==> flow/design.v <==
module cpu_sum_block #(
    parameter NBITS = 24
) (
    input wire clk_i,
    input wire [NBITS-1:0] i_x,
    input wire [NBITS-1:0] i_y,
    input wire i_cin,
    output wire [NBITS-1:0] o_sum,
    output wire o_co
);
    reg [NBITS-1:0] x_q;
    reg [NBITS-1:0] y_q;
    reg cin_q;
    always @(posedge clk_i) begin
        x_q <= i_x;
        y_q <= i_y;
        cin_q <= i_cin;
    end
    localparam NG = NBITS / 4;
    wire [NBITS-1:0] val;
    wire [NG:0] chain;
    assign chain[0] = cin_q;
    genvar gi;
    generate
        for (gi = 0; gi < NG; gi = gi + 1) begin : u_g
            la4 unit (.a(x_q[4*gi +: 4]), .b(y_q[4*gi +: 4]), .ci(chain[gi]), .s(val[4*gi +: 4]), .co(chain[gi+1]));
        end
    endgenerate
    assign o_sum = val;
    assign o_co = chain[NG];
endmodule
module la4 (
    input wire [3:0] a,
    input wire [3:0] b,
    input wire ci,
    output wire [3:0] s,
    output wire co
);
    wire [3:0] g = a & b;
    wire [3:0] p = a ^ b;
    wire c1 = g[0] | (p[0] & ci);
    wire c2 = g[1] | (p[1] & g[0]) | (p[1] & p[0] & ci);
    wire c3 = g[2] | (p[2] & g[1]) | (p[2] & p[1] & g[0]) | (p[2] & p[1] & p[0] & ci);
    assign co = g[3] | (p[3] & g[2]) | (p[3] & p[2] & g[1]) | (p[3] & p[2] & p[1] & g[0]) | (&p & ci);
    assign s = p ^ {c3, c2, c1, ci};
endmodule
# --- Tool chain data of cpu_sum_block ---
# Tool output for the design above, in the order of the flow.
# Lines are those of the file above, counted from 1.
# Operators carry their Yosys type and port widths (W data, S select, Z words).
# Library cell names are shortened.
inputs:
  top_module: "cpu_sum_block"
  clk_port: "clk_i"
  cell_library: "sky130hd"
  pvt_corner: "tt_025C_1v80"

# --- Word level ---
# Counts by Yosys on the flattened word-level netlist (proc, flatten, opt, wreduce; memories kept). Register bits leave out memories and registers merged into their read ports (data or address); mux counts leave out enables and synchronous resets folded into registers. Print and check cells are left out. Cells with the same type and inputs are merged into one.
word_totals:
  regBits: 49
  latchBits: 0
  mem_bits_rw: 0
  rom_bits: 0
  clocked_rd_ports_x_width: 0
  memories: 0
  inputBits: 50
classes:
  add_sub_neg: 0
  mul: 0
  n_div: 0
  compare: 0
  equal: 0
  shift: 0
  muxes: 0
  n_logic: 168
  reduce_logical: 6
op_table:
  columns: ["op", "n"]
  rows:
  - ["$and A1 B1 Y1", 90]
  - ["$or A1 B1 Y1", 60]
  - ["$xor A4 B4 Y4", 12]
  - ["$and A4 B4 Y4", 6]
  - ["$reduce_and A4 Y1", 6]

# --- Logic depth ---
# Yosys ltp: most cells in a row. Word level: on the elaborated netlist, between registers, memories and ports. Mapped: between sequential cells and ports; inverters and the memories' decode and read muxes count.
logic_depth:
  depth_word: 17
  abc_area: 0
  ltp_mapped: 9
  ltp_nobuf: 9

# --- Synthesis result ---
# Yosys stat after the flow's synthesis: flattened, memories mapped to cells. It holds for the ABC_AREA given above (unset counts as 0); a run with the other value may have another netlist.
by_type:
  columns: ["cell", "n", "area_total_um2"]
  rows:
  - ["dfxtp_1", 49, 980.941]
  - ["ha_1", 24, 300.288]
  - ["fa_1", 6, 120.115]
  - ["xor2_1", 10, 87.584]
  - ["a21oi_1", 14, 70.067]
  - ["xnor2_1", 7, 61.309]
  - ["o21ai_0", 10, 50.048]
  - ["inv_1", 7, 26.275]
  - ["nor2_1", 7, 26.275]
  - ["a211oi_1", 3, 22.522]
  - ["nand2_1", 6, 22.522]
  - ["o21bai_1", 3, 22.522]
  - ["or3_1", 3, 18.768]
  - ["and4_1", 2, 17.517]
  - ["a311oi_2", 1, 15.014]
  - ["nor3_1", 3, 15.014]
  - ["a211oi_2", 1, 12.512]
  - ["o211ai_2", 1, 12.512]
# Not listed: further types 16, cells in them 17.
mapped:
  cell_count: 174
  mapped_area_mm2: 0.0020094
  ff_cells: 49
# By module: a second synthesis without flattening, with its own total; a netlist apart from the flattened one above.
unflattened:
  cells_unflattened: 151
  area_unflattened_mm2: 0.0018668
# Rows give one instance, submodules left out.
modules:
  columns: ["mod", "instances", "cells", "area_mm2", "mod_seq_area_mm2"]
  rows:
  - ["cpu_sum_block", 1, 49, 0.0009809, 0.0009809]
  - ["la4", 6, 17, 0.0001476, 0]

# --- Timing after synthesis ---
# Source: OpenSTA report_checks on the synthesized netlist (no wires, ideal clock, input and output delay 20% of the period each), path of least setup slack; recovery checks are left aside. Register names are those of the netlist, which keeps one name where synthesis merged equal registers.
synth_timing:
  path_kind: "register -> output"
  startpoint: "reg y_q[0]"
  endpoint: "out o_sum[13]"
  tclk_ps: 3570
  output_delay_ps: 714
  arrival_time_ps: 2285
  t_required_ps: 2856
  path_slack_ps: 571
  delay_ps: 2285
  driving_pins: 10
  period_less_setup_slack_ps: 2999
# "delay_ps" = arrival - input delay + setup time.
# A path that ends at an output port has no setup time.
# "driving_pins" counts driving pins, that of a launching flip-flop among them; a cell with two outputs on the path counts twice.
# "period_less_setup_slack_ps" is the clock period less the worst setup slack; recovery checks do not enter. This is arithmetic on one report: input and output delays are still those of the set period (20% each).
# Between the ends stands the longest chain of elaborated cells between them, by number of cells; it is not shown to be the way that was timed. Of several equally long chains one is given.
# A line is the first line of the expression or statement that the cell stems from. Yosys adds cells for indexed reads and writes and turns some case tables into memories.
synth_between:
  path_cell_list: "dfxtp_1 -> ha_1 -> a211oi_1 -> o21ai_0 -> a21oi_1 -> inv_1 -> a21oi_1 -> inv_1 -> fa_1 -> xor2_1"
  elab_chain_len: 11
  cone_cells: 14
  cone_classes: "logic: 13; reduce/logical: 1"
synth_rtl:
  columns: ["element", "line_no", "source"]
  rows:
  - ["from (decl)", 12, "reg [NBITS-1:0] y_q;"]
  - ["from (assign)", 16, "y_q <= i_y;"]
  - ["$and A4 B4 Y4", 39, "wire [3:0] g = a & b;"]
  - ["$and A1 B1 Y1", 44, "assign co = g[3] | (p[3] & g[2]) | (p[3] & p[2] & g[1]) | (p[3] & p[2] & p[1] & g[0]) | (&p & ci);"]
  - ["$or A1 B1 Y1 (2 in a row)", 44, null]
  - ["$and A1 B1 Y1", 44, null]
  - ["$or A1 B1 Y1", 44, null]
  - ["$and A1 B1 Y1", 44, null]
  - ["$or A1 B1 Y1", 44, null]
  - ["$and A1 B1 Y1", 41, "wire c1 = g[0] | (p[0] & ci);"]
  - ["$or A1 B1 Y1", 41, null]
  - ["$xor A4 B4 Y4", 45, "assign s = p ^ {c3, c2, c1, ci};"]
  - ["to (decl)", 8, "output wire [NBITS-1:0] o_sum,"]

# --- Timing after layout ---
# From the final timing report of record 1: the path of least setup slack in the routed layout; clock arrival at registers is part of the times.
# The path's times are printed in steps of 10 ps; the period is the one set.
layout_timing:
  path_kind: "register -> output"
  startpoint: "reg y_q[17]"
  endpoint: "out o_sum[23]"
  tclk_ps: 3460
  output_delay_ps: 690
  arrival_time_ps: 2460
  t_required_ps: 2770
  path_slack_ps: 310
  driving_pins: 10
# Between the ends stands the longest chain of elaborated cells between them, by number of cells; it is not shown to be the way that was timed. Of several equally long chains one is given.
layout_between:
  path_cell_list: "dfxtp_1 -> ha_4 -> a21o_2 -> a221o_1 -> o21ai_2 -> o211ai_4 -> a311oi_2 -> buf_4 -> xnor2_2 -> buf_2"
  elab_chain_len: 8
  cone_cells: 13
  cone_classes: "logic: 12; reduce/logical: 1"
layout_rtl:
  columns: ["element", "line_no", "source"]
  rows:
  - ["from (decl)", 12, "reg [NBITS-1:0] y_q;"]
  - ["from (assign)", 16, "y_q <= i_y;"]
  - ["$and A4 B4 Y4", 39, "wire [3:0] g = a & b;"]
  - ["$and A1 B1 Y1", 44, "assign co = g[3] | (p[3] & g[2]) | (p[3] & p[2] & g[1]) | (p[3] & p[2] & p[1] & g[0]) | (&p & ci);"]
  - ["$or A1 B1 Y1 (3 in a row)", 44, null]
  - ["$and A1 B1 Y1", 43, "wire c3 = g[2] | (p[2] & g[1]) | (p[2] & p[1] & g[0]) | (p[2] & p[1] & p[0] & ci);"]
  - ["$or A1 B1 Y1", 43, null]
  - ["$xor A4 B4 Y4", 45, "assign s = p ^ {c3, c2, c1, ci};"]
  - ["to (decl)", 8, "output wire [NBITS-1:0] o_sum,"]

FLOW RESULTS
============

Settings and measured results of 3 stored flow runs for module cpu_sum_block (sky130hd), not sorted in any way. The constraints put input and output delay at 20% of the set period each and load the outputs with 0.01 pF.
"achieved_period_ps" means the clock period less the worst setup slack. The figure is calculated, with input and output delays left at 20% of the set period.
"worstPathTime_ps" means the part of the period allowed to the worst setup path (the constraints hold back 20% at inputs and 20% at outputs) less its slack; where the path has registers, the arrival times of their clocks count too.
"power.total_uw": no workload was simulated; the value follows from the tool's default switching activity.
"worstPathTime_ps" is given in steps of 10 ps.

--- record 1 ---
==> flow/run.sh <==
#!/bin/bash
# the make line also repeats the synthesis and layout settings of config.mk as NAME=value (left out here)
make -C /OpenROAD-flow-scripts/flow DESIGN_CONFIG=/design/flow/config.mk WORK_HOME=/design/flow/orfs CLKGATE_MAP_FILE= finish
==> flow/config.mk <==
export PLATFORM = sky130hd
export DESIGN_NAME = cpu_sum_block
export DESIGN_NICKNAME = cpu_sum_block
export VERILOG_FILES = /design/flow/design.v
export SDC_FILE = /design/flow/constraint.sdc
export NUM_CORES = 4
export LEC_CHECK = 0
export CAP_MARGIN = 0
export CELL_PAD_IN_SITES_DETAIL_PLACEMENT = 1
export CELL_PAD_IN_SITES_GLOBAL_PLACEMENT = 2
export CORE_MARGIN = 2
export CORE_UTILIZATION = 20
export GPL_TIMING_DRIVEN = 0
export PLACE_DENSITY = 0.36
export SETUP_SLACK_MARGIN = 0.83
export SLEW_MARGIN = 20
export TNS_END_PERCENT = 20
==> flow/constraint.sdc <==
create_clock -name core_clock -period 3.46 [get_ports {clk_i}]
set_input_delay 0.6920 -clock core_clock [delete_from_list [all_inputs] [get_ports {clk_i}]]
set_output_delay 0.6920 -clock core_clock [all_outputs]
set_load 0.01 [all_outputs]

==> results, as YAML <==
results:
  timing.setup.tns_ps: 0
  yosys.chip_area_mm2: 0.0020094
  timing.setup.ws_ps: 312
  achieved_period_ps: 3148
  worstPathTime_ps: 2460
  worst_setup_path_type: "register -> output"
  finish.utilization_pct: 34.0
  final_stdcell_area_mm2: 0.0033194
  total_die_area_mm2: 0.0108649
  power.total_uw: 1478
  fin_hold_ws_ps: 820

--- record 2 ---
==> flow/run.sh <==
#!/bin/bash
# the make line also repeats the synthesis and layout settings of config.mk as NAME=value (left out here)
make -C /OpenROAD-flow-scripts/flow DESIGN_CONFIG=/design/flow/config.mk WORK_HOME=/design/flow/orfs CLKGATE_MAP_FILE= finish
==> flow/config.mk <==
export PLATFORM = sky130hd
export DESIGN_NAME = cpu_sum_block
export DESIGN_NICKNAME = cpu_sum_block
export VERILOG_FILES = /design/flow/design.v
export SDC_FILE = /design/flow/constraint.sdc
export NUM_CORES = 4
export LEC_CHECK = 0
export CAP_MARGIN = 35
export CELL_PAD_IN_SITES_GLOBAL_PLACEMENT = 2
export CORE_MARGIN = 5
export CORE_UTILIZATION = 48
export CTS_CLUSTER_SIZE = 75
export GPL_TIMING_DRIVEN = 1
export PLACE_DENSITY_LB_ADDON = 0.27
export SETUP_SLACK_MARGIN = 0.64
export SLEW_MARGIN = 20
==> flow/constraint.sdc <==
create_clock -name core_clock -period 4.17 [get_ports {clk_i}]
set_input_delay 0.8340 -clock core_clock [delete_from_list [all_inputs] [get_ports {clk_i}]]
set_output_delay 0.8340 -clock core_clock [all_outputs]
set_load 0.01 [all_outputs]

==> results, as YAML <==
outcome: "not finished: placement ended with error FLW-0024"

--- record 3 ---
==> flow/run.sh <==
#!/bin/bash
# the make line also repeats the synthesis and layout settings of config.mk as NAME=value (left out here)
make -C /OpenROAD-flow-scripts/flow DESIGN_CONFIG=/design/flow/config.mk WORK_HOME=/design/flow/orfs CLKGATE_MAP_FILE= finish
==> flow/config.mk <==
export PLATFORM = sky130hd
export DESIGN_NAME = cpu_sum_block
export DESIGN_NICKNAME = cpu_sum_block
export VERILOG_FILES = /design/flow/design.v
export SDC_FILE = /design/flow/constraint.sdc
export NUM_CORES = 4
export LEC_CHECK = 0
export CAP_MARGIN = 20
export CORE_MARGIN = 2
export CORE_UTILIZATION = 40
export SLEW_MARGIN = 20
==> flow/constraint.sdc <==
create_clock -name core_clock -period 3.57 [get_ports {clk_i}]
set_input_delay 0.7140 -clock core_clock [delete_from_list [all_inputs] [get_ports {clk_i}]]
set_output_delay 0.7140 -clock core_clock [all_outputs]
set_load 0.01 [all_outputs]

==> results, as YAML <==
results:
  timing.setup.tns_ps: 0
  yosys.chip_area_mm2: 0.0020094
  timing.setup.ws_ps: 147
  achieved_period_ps: 3423
  worstPathTime_ps: 2710
  worst_setup_path_type: "register -> output"
  finish.utilization_pct: 63.8
  final_stdcell_area_mm2: 0.0030554
  total_die_area_mm2: 0.0056063
  power.total_uw: 1289
  fin_hold_ws_ps: 858
